==> flow/design.v <==
module alu_relation (sys_clk, rstn, i_dataa, i_datab, i_datac, o_in_range);
    parameter integer NBITS = 6;
    input sys_clk;
    input rstn;
    input [NBITS-1:0] i_dataa;
    input [NBITS-1:0] i_datab;
    input [NBITS-1:0] i_datac;
    output o_in_range;
    reg [NBITS-1:0] dataa_q;
    reg [NBITS-1:0] datab_q;
    reg [NBITS-1:0] datac_q;
    assign o_in_range = (dataa_q >= datab_q) && (dataa_q <= datac_q);
    always @(posedge sys_clk) begin
        if (!rstn) begin
            dataa_q <= 0;
            datab_q <= 0;
            datac_q <= 0;
        end else begin
            dataa_q <= i_dataa;
            datab_q <= i_datab;
            datac_q <= i_datac;
        end
    end
endmodule
# Reports on alu_relation
# A sweep over "NBITS": the same steps for each member of the family.
# The file above is the member NBITS 6. Line numbers count from 1 in each member's own file.
# Cell names lack the library's common part.
# A cell with - has no value.
[design] design="alu_relation" clk_port="sys_clk" lib="sky130hd" corner="tt_025C_1v80"

# Source of the members
# Lines of each other member's file that are new or changed against the file above; lines that a member lacks are not shown.
[changed_lines] NBITS=16 line_no=2 source="parameter integer NBITS = 16;"
[changed_lines] NBITS=48 line_no=2 source="parameter integer NBITS = 48;"
[changed_lines] NBITS=72 line_no=2 source="parameter integer NBITS = 72;"
[changed_lines] NBITS=96 line_no=2 source="parameter integer NBITS = 96;"

# Word-level counts
# Source: Yosys, flattened and elaborated, memories not mapped. Widths are those after wreduce; folded enables and synchronous resets count as part of the registers. Registers that Yosys merges into a memory's read port (data or address) are not register bits. Print and check cells do not count. Equal cells are merged and count once.
[word_totals] NBITS=6 reg_bits=18 latch_bits=0 ramBits=0 mem_bits_ro=0 clocked_rd_ports_x_width=0 memories=0 out_inout_bits=1 word_cells=6
[word_totals] NBITS=16 reg_bits=48 latch_bits=0 ramBits=0 mem_bits_ro=0 clocked_rd_ports_x_width=0 memories=0 out_inout_bits=1 word_cells=6
[word_totals] NBITS=48 reg_bits=144 latch_bits=0 ramBits=0 mem_bits_ro=0 clocked_rd_ports_x_width=0 memories=0 out_inout_bits=1 word_cells=6
[word_totals] NBITS=72 reg_bits=216 latch_bits=0 ramBits=0 mem_bits_ro=0 clocked_rd_ports_x_width=0 memories=0 out_inout_bits=1 word_cells=6
[word_totals] NBITS=96 reg_bits=288 latch_bits=0 ramBits=0 mem_bits_ro=0 clocked_rd_ports_x_width=0 memories=0 out_inout_bits=1 word_cells=6
[classes] NBITS=6 addsub=0 mul=0 n_div=0 n_cmp=2 equal=0 n_shift=0 muxes=0 logic=0 n_reduce_logical=1
[classes] NBITS=16 addsub=0 mul=0 n_div=0 n_cmp=2 equal=0 n_shift=0 muxes=0 logic=0 n_reduce_logical=1
[classes] NBITS=48 addsub=0 mul=0 n_div=0 n_cmp=2 equal=0 n_shift=0 muxes=0 logic=0 n_reduce_logical=1
[classes] NBITS=72 addsub=0 mul=0 n_div=0 n_cmp=2 equal=0 n_shift=0 muxes=0 logic=0 n_reduce_logical=1
[classes] NBITS=96 addsub=0 mul=0 n_div=0 n_cmp=2 equal=0 n_shift=0 muxes=0 logic=0 n_reduce_logical=1
[op_table] NBITS=6 operators="1 x 6-bit greater-or-equal comparator; 1 x 6-bit less-or-equal comparator; 1 x 1-bit logical AND"
[op_table] NBITS=16 operators="1 x 16-bit greater-or-equal comparator; 1 x 16-bit less-or-equal comparator; 1 x 1-bit logical AND"
[op_table] NBITS=48 operators="1 x 48-bit greater-or-equal comparator; 1 x 48-bit less-or-equal comparator; 1 x 1-bit logical AND"
[op_table] NBITS=72 operators="1 x 72-bit greater-or-equal comparator; 1 x 72-bit less-or-equal comparator; 1 x 1-bit logical AND"
[op_table] NBITS=96 operators="1 x 96-bit greater-or-equal comparator; 1 x 96-bit less-or-equal comparator; 1 x 1-bit logical AND"

# Longest topological paths
# Longest topological path by Yosys (ltp), each cell counted once; first at word level (registers and memories cut), then after technology mapping (sequential cells cut; the memories' decode and read muxes count).
[logic_depth] NBITS=6 word_depth=2 abc_area=0 ltp_mapped=6 mapped_depth_nobuf=6
[logic_depth] NBITS=16 word_depth=2 abc_area=0 ltp_mapped=7 mapped_depth_nobuf=7
[logic_depth] NBITS=48 word_depth=2 abc_area=0 ltp_mapped=9 mapped_depth_nobuf=9
[logic_depth] NBITS=72 word_depth=2 abc_area=0 ltp_mapped=9 mapped_depth_nobuf=9
[logic_depth] NBITS=96 word_depth=2 abc_area=0 ltp_mapped=9 mapped_depth_nobuf=9

# Netlist
# Source: synth_stat.txt of the flow (Yosys; design flattened, memories mapped). It holds for the ABC_AREA given above (unset counts as 0); a run with the other value may have another netlist.
# The area totals of this step are shown rounded.
[by_type] NBITS=6 type_list="18 x dfxtp_1; 12 x ha_1; 18 x and2_1; 12 x inv_1; 2 x a21oi_2; 1 x a211oi_2; 2 x nand2b_1; 1 x o2111ai_1; 1 x a211oi_1; 1 x a21o_1; 2 x nand2_1; 1 x o21a_1; 1 x nand4_1; 1 x a21oi_1; 1 x nand3_1; 1 x o21ai_0; 1 x clkbuf_1; 1 x nor2_1"
[by_type] NBITS=16 type_list="48 x dfxtp_1; 32 x ha_1; 48 x and2_1; 32 x inv_1; 11 x a21oi_1; 2 x nand4_4; 7 x nand2_1; 5 x o21ai_0; 5 x clkbuf_1; 3 x nand4_1; 2 x nor2b_1; 2 x nor4_1; 1 x a2111o_1; 3 x nor2_1; 2 x nand3_1; 1 x o211a_1; 1 x o32a_1; 1 x a221oi_1; [+5]"
[by_type] NBITS=48 type_list="144 x dfxtp_1; 96 x ha_1; 144 x and2_1; 96 x inv_1; 34 x a21oi_1; 15 x nand4_1; 3 x a2111oi_4; 21 x nand2_1; 15 x clkbuf_1; 6 x a21o_1; 9 x o21ai_0; 2 x nor4_4; 7 x nand3_1; 9 x nor2_1; 4 x a211oi_1; 2 x nand4_2; 2 x nand3_2; 2 x a21oi_2; [+27]"
[by_type] NBITS=72 type_list="216 x dfxtp_1; 144 x ha_1; 216 x and2_1; 146 x inv_1; 53 x a21oi_1; 29 x nand4_1; 24 x a21o_1; 26 x nand2_1; 23 x clkbuf_1; 17 x o21ai_0; 14 x nand3_1; 8 x a211oi_1; 12 x nor2_1; 5 x nor3_1; 2 x a221o_1; 3 x nor2b_1; 3 x nor4_1; 2 x a2111oi_0; [+18]"
[by_type] NBITS=96 type_list="288 x dfxtp_1; 192 x ha_1; 288 x and2_1; 197 x inv_1; 67 x a21oi_1; 32 x a21o_1; 33 x nand4_1; 44 x nand2_1; 31 x clkbuf_1; 20 x o21ai_0; 7 x and4_1; 6 x a221oi_1; 13 x nor2_1; 9 x nor3_1; 8 x nand3_1; 5 x o211ai_1; 5 x nor4_1; 4 x a211oi_1; [+41]"
# A list marked [+n] leaves out that many cells.
[mapped] NBITS=6 cells=77 synth_area_um2=780 ff_cells=18 buf_cells=1
[mapped] NBITS=16 cells=211 synth_area_um2=2100 ff_cells=48 buf_cells=5
[mapped] NBITS=48 cells=638 synth_area_um2=6300 ff_cells=144 buf_cells=15
[mapped] NBITS=72 cells=961 synth_area_um2=9300 ff_cells=216 buf_cells=23
[mapped] NBITS=96 cells=1290 synth_area_um2=13000 ff_cells=288 buf_cells=31

# Path before layout
# Path of least setup slack by OpenSTA after synthesis, without wires, with an ideal clock, recovery checks aside; 20% of the period is set as input and as output delay. Where synthesis merged equal registers, the netlist keeps one of their names.
[synth_path] NBITS=6 kind="reg-to-output" start="reg datac_q[4]" end="out o_in_range" tclk_ns=1.83 setup_slack_ns=0.291 stages=7 path_delay_ns=1.173 period_less_setup_slack_ns=1.539
[synth_path] NBITS=16 kind="reg-to-output" start="reg datac_q[1]" end="out o_in_range" tclk_ns=2.27 setup_slack_ns=0.362 stages=8 path_delay_ns=1.454 period_less_setup_slack_ns=1.908
[synth_path] NBITS=48 kind="reg-to-output" start="reg datab_q[33]" end="out o_in_range" tclk_ns=2.7 setup_slack_ns=0.433 stages=10 path_delay_ns=1.727 period_less_setup_slack_ns=2.267
[synth_path] NBITS=72 kind="reg-to-output" start="reg datab_q[38]" end="out o_in_range" tclk_ns=3.38 setup_slack_ns=0.539 stages=9 path_delay_ns=2.165 period_less_setup_slack_ns=2.841
[synth_path] NBITS=96 kind="reg-to-output" start="reg datab_q[92]" end="out o_in_range" tclk_ns=3.18 setup_slack_ns=0.509 stages=10 path_delay_ns=2.035 period_less_setup_slack_ns=2.671
# "path_delay_ns" is the arrival time less input delay plus setup time.
# At an output port there is no setup time.
# "stages" counts driving pins, that of a launching flip-flop among them; a cell with two outputs on the path counts twice.
# "period_less_setup_slack_ns" is the clock period less the worst setup slack; recovery checks do not enter. This is arithmetic on one report: input and output delays are still those of the set period (20% each).
# Between the ends stands the longest chain of elaborated cells between them, by number of cells; it is not shown to be the way that was timed. Of several equally long chains one is given.
# A line is the first line of the expression or statement that the cell stems from. Yosys adds cells for indexed reads and writes and turns some case tables into memories.
[synth_via_NBITS_6] elab_chain_cells=2
[synth_rtl_NBITS_6] element="start: declaration" line_no=11 source="reg [NBITS-1:0] datac_q;"
[synth_rtl_NBITS_6] element="start: assignment" line_no=17 source="datac_q <= 0;"
[synth_rtl_NBITS_6] element="start: assignment" line_no=21 source="datac_q <= i_datac;"
[synth_rtl_NBITS_6] element="6-bit less-or-equal comparator" line_no=12 source="assign o_in_range = (dataa_q >= datab_q) && (dataa_q <= datac_q);"
[synth_rtl_NBITS_6] element="1-bit logical AND" line_no=12
[synth_rtl_NBITS_6] element="end: declaration" line_no=8 source="output o_in_range;"
[synth_via_NBITS_96] elab_chain_cells=2
[synth_rtl_NBITS_96] element="start: declaration" line_no=10 source="reg [NBITS-1:0] datab_q;"
[synth_rtl_NBITS_96] element="start: assignment" line_no=16 source="datab_q <= 0;"
[synth_rtl_NBITS_96] element="start: assignment" line_no=20 source="datab_q <= i_datab;"
[synth_rtl_NBITS_96] element="96-bit greater-or-equal comparator" line_no=12 source="assign o_in_range = (dataa_q >= datab_q) && (dataa_q <= datac_q);"
[synth_rtl_NBITS_96] element="1-bit logical AND" line_no=12
[synth_rtl_NBITS_96] element="end: declaration" line_no=8 source="output o_in_range;"

# Timing after layout
# From the final timing report of each member's run: the path of least setup slack in the routed layout; clock arrival at registers is part of the times.
[layout_path] NBITS=6 kind="reg-to-output" start="reg dataa_q[4]" end="out o_in_range" tclk_ns=1.83 setup_slack_ns=-0.13 stages=7 arrival_time_ns=1.59 path_buffers=1
[layout_path] NBITS=16 kind="reg-to-output" start="reg datac_q[1]" end="out o_in_range" tclk_ns=2.27 setup_slack_ns=-0.13 stages=9 arrival_time_ns=1.95 path_buffers=1
[layout_path] NBITS=48 kind="reg-to-output" start="reg dataa_q[21]" end="out o_in_range" tclk_ns=2.7 setup_slack_ns=-0.25 stages=10 arrival_time_ns=2.41 path_buffers=1
[layout_path] NBITS=72 kind="reg-to-output" start="reg datab_q[38]" end="out o_in_range" tclk_ns=3.38 setup_slack_ns=-0.24 stages=10 arrival_time_ns=2.94 path_buffers=1
[layout_path] NBITS=96 kind="reg-to-output" start="reg datac_q[66]" end="out o_in_range" tclk_ns=3.18 setup_slack_ns=-0.38 stages=13 arrival_time_ns=2.92 path_buffers=3

# Layout results
# One run of the flow (Yosys, OpenROAD) for each member, with settings and measured results. Input and output delays are each 20% of the period that was set; the output load is 0.01 pF.
[settings] CAP_MARGIN=20 CORE_MARGIN=2 CORE_UTILIZATION=40 SLEW_MARGIN=20
[settings_by_member] NBITS=6 period_ns=1.83
[settings_by_member] NBITS=16 period_ns=2.27
[settings_by_member] NBITS=48 period_ns=2.7
[settings_by_member] NBITS=72 period_ns=3.38
[settings_by_member] NBITS=96 period_ns=3.18
[measured] NBITS=6 yosys_chip_area_um2=780 die_footprint_um2=2300 layout_utilization_frac=0.64 worstSetupSlack_ns=-0.13 tns_setup_ns=-0.13 total_power_w=0.00082 clock_period_reached_ns=1.956
[measured] NBITS=16 yosys_chip_area_um2=2100 die_footprint_um2=5800 layout_utilization_frac=0.57 worstSetupSlack_ns=-0.13 tns_setup_ns=-0.13 total_power_w=0.0017 clock_period_reached_ns=2.402
[measured] NBITS=48 yosys_chip_area_um2=6300 die_footprint_um2=17000 layout_utilization_frac=0.57 worstSetupSlack_ns=-0.25 tns_setup_ns=-0.25 total_power_w=0.0053 clock_period_reached_ns=2.945
[measured] NBITS=72 yosys_chip_area_um2=9300 die_footprint_um2=25000 layout_utilization_frac=0.57 worstSetupSlack_ns=-0.24 tns_setup_ns=-0.24 total_power_w=0.0063 clock_period_reached_ns=3.616
[measured] NBITS=96 yosys_chip_area_um2=13000 die_footprint_um2=33000 layout_utilization_frac=0.59 worstSetupSlack_ns=-0.38 tns_setup_ns=-0.38 total_power_w=0.0093 clock_period_reached_ns=3.561
# "clock_period_reached_ns": clock period set for the run, less the worst setup slack. It is reckoned from that one timing run; input and output delays stay at 20% of the period that was set.
# By "total_power_w" is meant OpenSTA's value without simulated activity: inputs other than the clock are taken to toggle once in ten clock periods, and the tool carries that through the logic.
# The results are shown rounded.
